==> flow/design.v <==
module u_mpy #(
   parameter BITS = 7
) (
   input  CLK,
   input  i_rst_n,
   input  [BITS-1:0] i_in0,
   input  [BITS-1:0] i_in1,
   output [2*BITS-1:0] o_q
);
   reg [BITS-1:0] in0_s;
   reg [BITS-1:0] in1_s;
   always @(posedge CLK or negedge i_rst_n) begin
      if (!i_rst_n) begin
         in0_s <= 0;
         in1_s <= 0;
      end else begin
         in0_s <= i_in0;
         in1_s <= i_in1;
      end
   end
   assign o_q = in0_s * in1_s;
endmodule
Appendix: tool output

======== Step by step through the tools: u_mpy ========
A sweep over "BITS": the same steps for each member of the family.
The file above is the member BITS 7. Line numbers count from 1 in each member's own file.
Cell names lack the library's common part.
The mark -- stands for no value.
set-up
  design top .............................. u_mpy
  clock port .............................. CLK
  library ................................. sky130hd
  library corner .......................... tt_025C_1v80

======== Source of the members ========
Lines of each other member's file that are new or changed against the file above; lines that a member lacks are not shown.
new or changed lines
  BITS  RTL line  RTL
  9     2         parameter BITS = 9
  14    2         parameter BITS = 14
  24    2         parameter BITS = 24

======== After elaboration ========
Source: Yosys, flattened and elaborated, memories not mapped. Widths are those after wreduce; folded enables and synchronous resets count as part of the registers. Registers that Yosys merges into a memory's read port (data or address) are not register bits. Print and check cells do not count. Equal cells are merged and count once.
cells by class
  BITS  add/subtract/negate cells  muxes and demuxes  multiply operators  order comparisons  shift operators  div/mod/pow operators  bitwise logic cells  reductions and logical operators  equal/unequal tests
  7     0                          0                  1                   0                  0                0                      0                    0                                 0
  9     0                          0                  1                   0                  0                0                      0                    0                                 0
  14    0                          0                  1                   0                  0                0                      0                    0                                 0
  24    0                          0                  1                   0                  0                0                      0                    0                                 0
operator list
  BITS  kinds with counts
  7     7-bit by 7-bit multiplier with 14-bit output: 1
  9     9-bit by 9-bit multiplier with 18-bit output: 1
  14    14-bit by 14-bit multiplier with 28-bit output: 1
  24    24-bit by 24-bit multiplier with 48-bit output: 1
word-level totals
  BITS  ROM bits  bits in writable memories  bits in registers  bits of input ports  latch bits  word-level cells  output and inout bits  word width x clocked read ports  memories
  7     0         0                          14                 16                   0           3                 14                     0                                0
  9     0         0                          18                 20                   0           3                 18                     0                                0
  14    0         0                          28                 30                   0           3                 28                     0                                0
  24    0         0                          48                 50                   0           3                 48                     0                                0

======== Logic depth ========
Longest topological path by Yosys (ltp), each cell counted once; first at word level (registers and memories cut), then after technology mapping (sequential cells cut; the memories' decode and read muxes count).
depth
  BITS  word-level depth  ABC_AREA  gate-level depth with buffers  gate-level depth less buffers
  7     1                 0         15                             15
  9     1                 0         17                             16
  14    1                 0         22                             20
  24    1                 0         26                             24

======== After synthesis ========
Yosys stat after the flow's synthesis: flattened, memories mapped to cells. It holds for the ABC_AREA given above (unset counts as 0); a run with the other value may have another netlist.
cell types
  BITS  types with counts
  7     fa_1: 24; ha_1: 32; dfrtp_1: 14; and2_1: 28; inv_1: 24; nand2_1: 24; xnor2_1: 6; xor2_1: 4; nor2_1: 7; a21o_1: 3; o41a_1: 2; a21oi_1: 4; a41oi_2: 1; a211oi_1: 2; o21a_1: 2; and3_1: 2; a221o_1: 1; nor3_1: 2; (+7)
  9     fa_1: 50; ha_1: 38; dfrtp_1: 18; and2_1: 51; inv_1: 73; nand2_1: 34; xnor2_1: 7; a21oi_1: 10; nor2_1: 10; a211o_1: 4; o21a_1: 4; o41ai_4: 1; o21ai_0: 4; nand4b_1: 2; o311ai_0: 2; xor2_1: 2; a211oi_1: 2; o21bai_1: 2; (+20)
  14    fa_1: 141; ha_1: 92; inv_1: 187; dfrtp_1: 28; and2_1: 99; nand2_1: 123; a21oi_1: 26; clkbuf_1: 33; xnor2_1: 13; xor2_1: 9; nor2_1: 14; nand3_1: 8; nor3_1: 8; a21o_1: 5; and3_1: 6; a31oi_1: 5; o211ai_1: 4; o21ai_1: 6; (+53)
  24    fa_1: 482; ha_1: 174; inv_1: 559; and2_1: 304; dfrtp_1: 48; nand2_1: 307; clkbuf_1: 98; xnor2_1: 30; a21oi_1: 48; a21o_1: 16; xor2_1: 13; nand4_1: 13; nor2_1: 21; o21ai_0: 15; nand3_1: 14; o21bai_1: 8; a211oi_1: 7; nor3_1: 10; (+71)
A list marked (+n) leaves out that many cells.
synthesis totals
  BITS  sequential area (um2)  cells in the netlist  cell area after synthesis (um2)  buffer cells  mapped flip-flops
  7     350.3                  189                   1,894.3                          0             14
  9     450.4                  334                   3,124.2                          4             18
  14    700.7                  860                   7,651.1                          36            28
  24    1,201.2                2,238                 20,295.7                         105           48

======== Path before layout ========
Source: OpenSTA report_checks on the synthesized netlist (no wires, ideal clock, input and output delay 20% of the period each), path of least setup slack; recovery checks are left aside. Register names are those of the netlist, which keeps one name where synthesis merged equal registers.
timing path after synthesis
  BITS  kind           start              end                  period (ps)  path slack (ps)  path delay (ps)  stages on the path  synthesis period reached (ps)
  7     reg-to-output  register in1_s[6]  output port o_q[13]  6,640        1,062            4,250            15                  5,578
  9     reg-to-output  register in0_s[2]  output port o_q[17]  6,360        1,019            4,069            13                  5,341
  14    reg-to-output  register in1_s[2]  output port o_q[22]  8,780        1,406            5,618            22                  7,374
  24    reg-to-output  register in1_s[3]  output port o_q[45]  10,000       1,591            6,409            25                  8,409
"path delay" = arrival - input delay + setup time.
A path that ends at an output port has no setup time.
"stages on the path": output pins that drive a net of the path, with the launching flip-flop's if there is one; two outputs of one cell count as two.
"synthesis period reached" is the clock period less the worst setup slack; recovery checks do not enter. This is arithmetic on one report: input and output delays are still those of the set period (20% each).
The rows between start and end are the longest chain of elaborated cells between them; the timing report does not say that the signal goes this way. Where chains are equally long, one stands for them.
Each line given opens the expression or statement behind the cell; cells for indexed reads and writes are added by Yosys, which also makes memories of some case tables.
on the way, after synthesis, BITS 7
  cells in the longest elaborated chain ... 1
ends and longest elaborated chain, after synthesis, BITS 7
  element                                       RTL line  RTL
  start: declaration                            11        reg [BITS-1:0] in1_s;
  start: assignment                             15        in1_s <= 0;
  start: assignment                             18        in1_s <= i_in1;
  7-bit by 7-bit multiplier with 14-bit output  21        assign o_q = in0_s * in1_s;
  end: declaration                              8         output [2*BITS-1:0] o_q
on the way, after synthesis, BITS 24
  cells in the longest elaborated chain ... 1
ends and longest elaborated chain, after synthesis, BITS 24
  element                                         RTL line  RTL
  start: declaration                              11        reg [BITS-1:0] in1_s;
  start: assignment                               15        in1_s <= 0;
  start: assignment                               18        in1_s <= i_in1;
  24-bit by 24-bit multiplier with 48-bit output  21        assign o_q = in0_s * in1_s;
  end: declaration                                8         output [2*BITS-1:0] o_q

======== Worst path after layout ========
From the final timing report of the run of each member: the path of least setup slack in the routed layout; clock arrival at registers is part of the times.
The path's times are printed in steps of 10 ps; the period is the one set.
timing path after layout
  BITS  kind           start               end                  stages on the path  period (ps)  buffers on the path  path slack (ps)  arrival (ps)
  7     reg-to-output  register in0_s[0]   output port o_q[9]   15                  6,640        1                    390              4,930
  9     reg-to-output  register in1_s[5]   output port o_q[16]  17                  6,360        3                    120              4,970
  14    reg-to-output  register in1_s[8]   output port o_q[25]  20                  8,780        1                    360              6,660
  24    reg-to-output  register in0_s[13]  output port o_q[37]  26                  10,000       5                    290              7,710

======== Measured runs ========
One run of the flow (Yosys, OpenROAD) for each member, with settings and measured results. Input and output delays are each 20% of the period that was set; the output load is 0.01 pF.
flow settings
  CAP_MARGIN .............................. 20
  CORE_MARGIN ............................. 2
  CORE_UTILIZATION ........................ 40
  SLEW_MARGIN ............................. 20
settings by member
  BITS  period_ns
  7     6.64
  9     6.36
  14    8.78
  24    10.0
measured results
  BITS  total negative slack (ps)  area of the die (um2)  chip area after synthesis (Yosys) (um2)  setup slack of the critical path (ps)  area of the standard cells in the finished layout (um2)  achieved period (ps)  final design utilization (%)
  7     0                          5,302.0                1,894.3                                  387                                    2,324.7                                                  6,253                 50.2
  9     0                          8,533.1                3,124.2                                  120                                    3,761.1                                                  6,240                 49.2
  14    0                          20,250.7               7,651.1                                  361                                    8,506.9                                                  8,419                 45.3
  24    0                          52,557.9               20,295.7                                 286                                    22,838.2                                                 9,714                 45.5
"achieved period": clock period set for the run, less the worst setup slack. It is reckoned from that one timing run; input and output delays stay at 20% of the period that was set.
